==> flow/design.v <==
module mul_n #(
  parameter XLEN = 36,
  parameter KVAL = 365,
  parameter RES_W = XLEN + $clog2(KVAL + 1)
) (
  input wire i_clk,
  input wire aresetn,
  input wire [XLEN-1:0] dataa,
  output wire [RES_W-1:0] res
);
  reg [XLEN-1:0] dataa_q;
  always @(posedge i_clk or negedge aresetn) begin
    if (~aresetn) begin
      dataa_q <= 0;
    end else begin
      dataa_q <= dataa;
    end
  end
  reg [RES_W-1:0] res_q;
  always @(posedge i_clk or negedge aresetn) begin
    if (~aresetn) begin
      res_q <= 0;
    end else begin
      res_q <= dataa_q * KVAL;
    end
  end
  assign res = res_q;
endmodule
* Step by step through the tools: mul_n
What the tools print for mul_n, step after step. Line numbers count from 1 in the design file above. Operators carry their Yosys type and port widths (W data, S select, Z words). Library cell names are shortened. A cell with - has no value.
Inputs: top mul_n, clock port i_clk, standard-cell library sky130hd, timing corner tt_025C_1v80

* Word level
Source: Yosys, flattened and elaborated, memories not mapped. Widths are those after wreduce; folded enables and synchronous resets count as part of the registers. Registers that Yosys merges into a memory's read port (data or address) are not register bits. Print and check cells do not count. Equal cells are merged and count once.
Storage and ports: bits in registers 81, input port bits 38
Cells by class: multiply operators 1
Operator list (number):
- $mul A36 B9 Y45 const B | 1

* Logic depth
Depth = most cells in a row (Yosys ltp): at word level without a register or memory, in the mapped netlist without a sequential cell, where the memories' decode and read muxes count.
Logic depth: word-level depth 1, ABC_AREA 0, depth in mapped cells 18, mapped depth without buffers 16

* Netlist
Source: synth_stat.txt of the flow (Yosys; design flattened, memories mapped). It holds for the ABC_AREA given above (unset counts as 0); a run with the other value may have another netlist. Totals and module areas in this step are rounded.
Mapped netlist: cell count 841, mapped area 8567 sq um, sequential area 2027 sq um, flip-flop cells 81
Cells by type:
- fa_1 | number 127, total area 2.54E+03 sq um
- dfrtp_1 | number 81, total area 2.03E+03 sq um
- ha_1 | number 98, total area 1.23E+03 sq um
- inv_1 | number 231, total area 867.082 sq um
- a21oi_1 | number 43, total area 215.206 sq um
- a21o_1 | number 25, total area 187.68 sq um
- xor2_1 | number 20, total area 175.168 sq um
- xnor2_1 | number 19, total area 166.41 sq um
- nand2_1 | number 34, total area 127.622 sq um
- o21ai_0 | number 19, total area 95.091 sq um
- nor2_1 | number 17, total area 63.811 sq um
- nand4_1 | number 9, total area 56.304 sq um
- clkbuf_1 | number 14, total area 52.55 sq um
- o21a_1 | number 6, total area 45.043 sq um
- o21bai_1 | number 6, total area 45.043 sq um
- a221oi_1 | number 5, total area 43.792 sq um
- a311oi_1 | number 5, total area 43.792 sq um
- and3_1 | number 7, total area 43.792 sq um
Other cell types: 32; their cells: 75.

* Path before layout
OpenSTA on the mapped netlist: ideal clock, no wires. The path of least setup slack (recovery checks aside). Input and output delay are each 20% of the period. Register names are those of the netlist, which keeps one name where synthesis merged equal registers.
Timing path post-synthesis: path type reg2reg, from register dataa_q[24], to register res_q[44], clock period 5.43 ns, launch time at the first pin 0.000 ns, data arrival time 4.240 ns, data required time 5.326 ns, slack 1.086 ns, delay of the path 4.344 ns, stages 17, period reached after synthesis 4.344 ns
"delay of the path" is the arrival time less input delay plus setup time. "stages" counts driving pins, that of a launching flip-flop among them; a cell with two outputs on the path counts twice. "period reached after synthesis" is the clock period less the worst setup slack; recovery checks do not enter. This is arithmetic on one report: input and output delays are still those of the set period (20% each). Between the ends stands the longest chain of elaborated cells between them, by number of cells; it is not shown to be the way that was timed. Of several equally long chains one is given. Each line given opens the expression or statement behind the cell; cells for indexed reads and writes are added by Yosys, which also makes memories of some case tables.
On the way, post-synthesis: cells stage by stage dfrtp_1 ha_1 inv_1 fa_1 inv_1 fa_1 inv_1 fa_1 inv_1 ha_1 clkbuf_1 a21o_1 a21o_1 a221oi_1 o21ai_0 or2_1 a221oi_1, length of the longest elaborated chain 1
Ends and longest elaborated chain, post-synthesis:
- start, declared | RTL line 11 | reg [XLEN-1:0] dataa_q;
- start, assigned | RTL line 14 | dataa_q <= 0;
- start, assigned | RTL line 16 | dataa_q <= dataa;
- $mul A36 B9 Y45 | RTL line 24 | res_q <= dataa_q * KVAL;
- end, assigned | RTL line 22 | res_q <= 0;
- end, assigned | RTL line 24
- end, declared | RTL line 19 | reg [RES_W-1:0] res_q;

* Timing after layout
From the final timing report of record 1: the path of least setup slack in the routed layout; clock arrival at registers is part of the times.
Timing path post-layout: path type reg2reg, from register dataa_q[9], to register res_q[18], clock period 4.47 ns, launch time at the first pin 0.35 ns, data arrival time 4.86 ns, data required time 4.69 ns, slack -0.17 ns, stages 18
Between the ends stands the longest chain of elaborated cells between them, by number of cells; it is not shown to be the way that was timed. Of several equally long chains one is given.
On the way, post-layout: cells stage by stage dfrtp_2 buf_6 ha_4 inv_4 fa_1 inv_2 fa_1 inv_2 fa_1 inv_2 ha_4 a2111oi_4 o21ai_2 and2_4 a21oi_1 o21a_1 o21ai_0 xor2_1, length of the longest elaborated chain 1
Ends and longest elaborated chain, post-layout:
- start, declared | RTL line 11 | reg [XLEN-1:0] dataa_q;
- start, assigned | RTL line 14 | dataa_q <= 0;
- start, assigned | RTL line 16 | dataa_q <= dataa;
- $mul A36 B9 Y45 | RTL line 24 | res_q <= dataa_q * KVAL;
- end, assigned | RTL line 22 | res_q <= 0;
- end, assigned | RTL line 24
- end, declared | RTL line 19 | reg [RES_W-1:0] res_q;

Appendix: measured runs

Top module mul_n; platform sky130hd; tools Yosys and OpenROAD; 3 stored runs in no particular order. Input and output delays are each 20% of the period that was set; the output load is 0.01 pF.
"clock period achieved" means the clock period less the worst setup slack. The figure is calculated, with input and output delays left at 20% of the set period.
"time used up by the worst setup path": the worst setup path's part of the clock period (all of it between registers, 20% less for each end at a port) less its slack. A launch clock that arrives late makes it longer, a capture clock that arrives late makes it shorter.
The measured numbers are rounded.

* Record 1 | settings: period_ns 4.47; CORE_UTILIZATION 46; PLACE_DENSITY_LB_ADDON 0.13; CORE_MARGIN 3; CELL_PAD_IN_SITES_DETAIL_PLACEMENT 1; ABC_AREA 0; GPL_TIMING_DRIVEN 0; GPL_ROUTABILITY_DRIVEN 1; CAP_MARGIN 0; MIN_ROUTING_LAYER met1; MAX_ROUTING_LAYER met4; SLEW_MARGIN 20 | results: time used up by the worst setup path 4.64 ns; critical path kind reg2reg; die outline area 20,300 sq um; total negative setup slack -1.123 ns; utilization in the final report 60.3 %; setup slack of the worst path -0.166 ns; area of the standard cells in the finished layout 10,930 sq um; clock period achieved 4.636 ns; chip area in the Yosys report 8,567 sq um
* Record 2 | settings: period_ns 5.81; CORE_UTILIZATION 15; SETUP_SLACK_MARGIN 1.69; PLACE_DENSITY_LB_ADDON 0.02; HOLD_SLACK_MARGIN 0.09; CORE_ASPECT_RATIO 0.67; CORE_MARGIN 2; CELL_PAD_IN_SITES_GLOBAL_PLACEMENT 2; GPL_TIMING_DRIVEN 1; MIN_ROUTING_LAYER met2; MAX_ROUTING_LAYER met5; CAP_MARGIN 20; SLEW_MARGIN 20 | results: time used up by the worst setup path 4.56 ns; critical path kind reg2reg; die outline area 59,080 sq um; total negative setup slack 0.000 ns; utilization in the final report 22.4 %; setup slack of the worst path 1.247 ns; area of the standard cells in the finished layout 12,600 sq um; clock period achieved 4.563 ns; chip area in the Yosys report 8,567 sq um
* Record 3 | settings: period_ns 5.43; CAP_MARGIN 20; CORE_MARGIN 2; CORE_UTILIZATION 40; SLEW_MARGIN 20 | results: time used up by the worst setup path 4.77 ns; critical path kind reg2reg; die outline area 22,600 sq um; total negative setup slack 0.000 ns; utilization in the final report 47.4 %; setup slack of the worst path 0.664 ns; area of the standard cells in the finished layout 9,966 sq um; clock period achieved 4.766 ns; chip area in the Yosys report 8,567 sq um
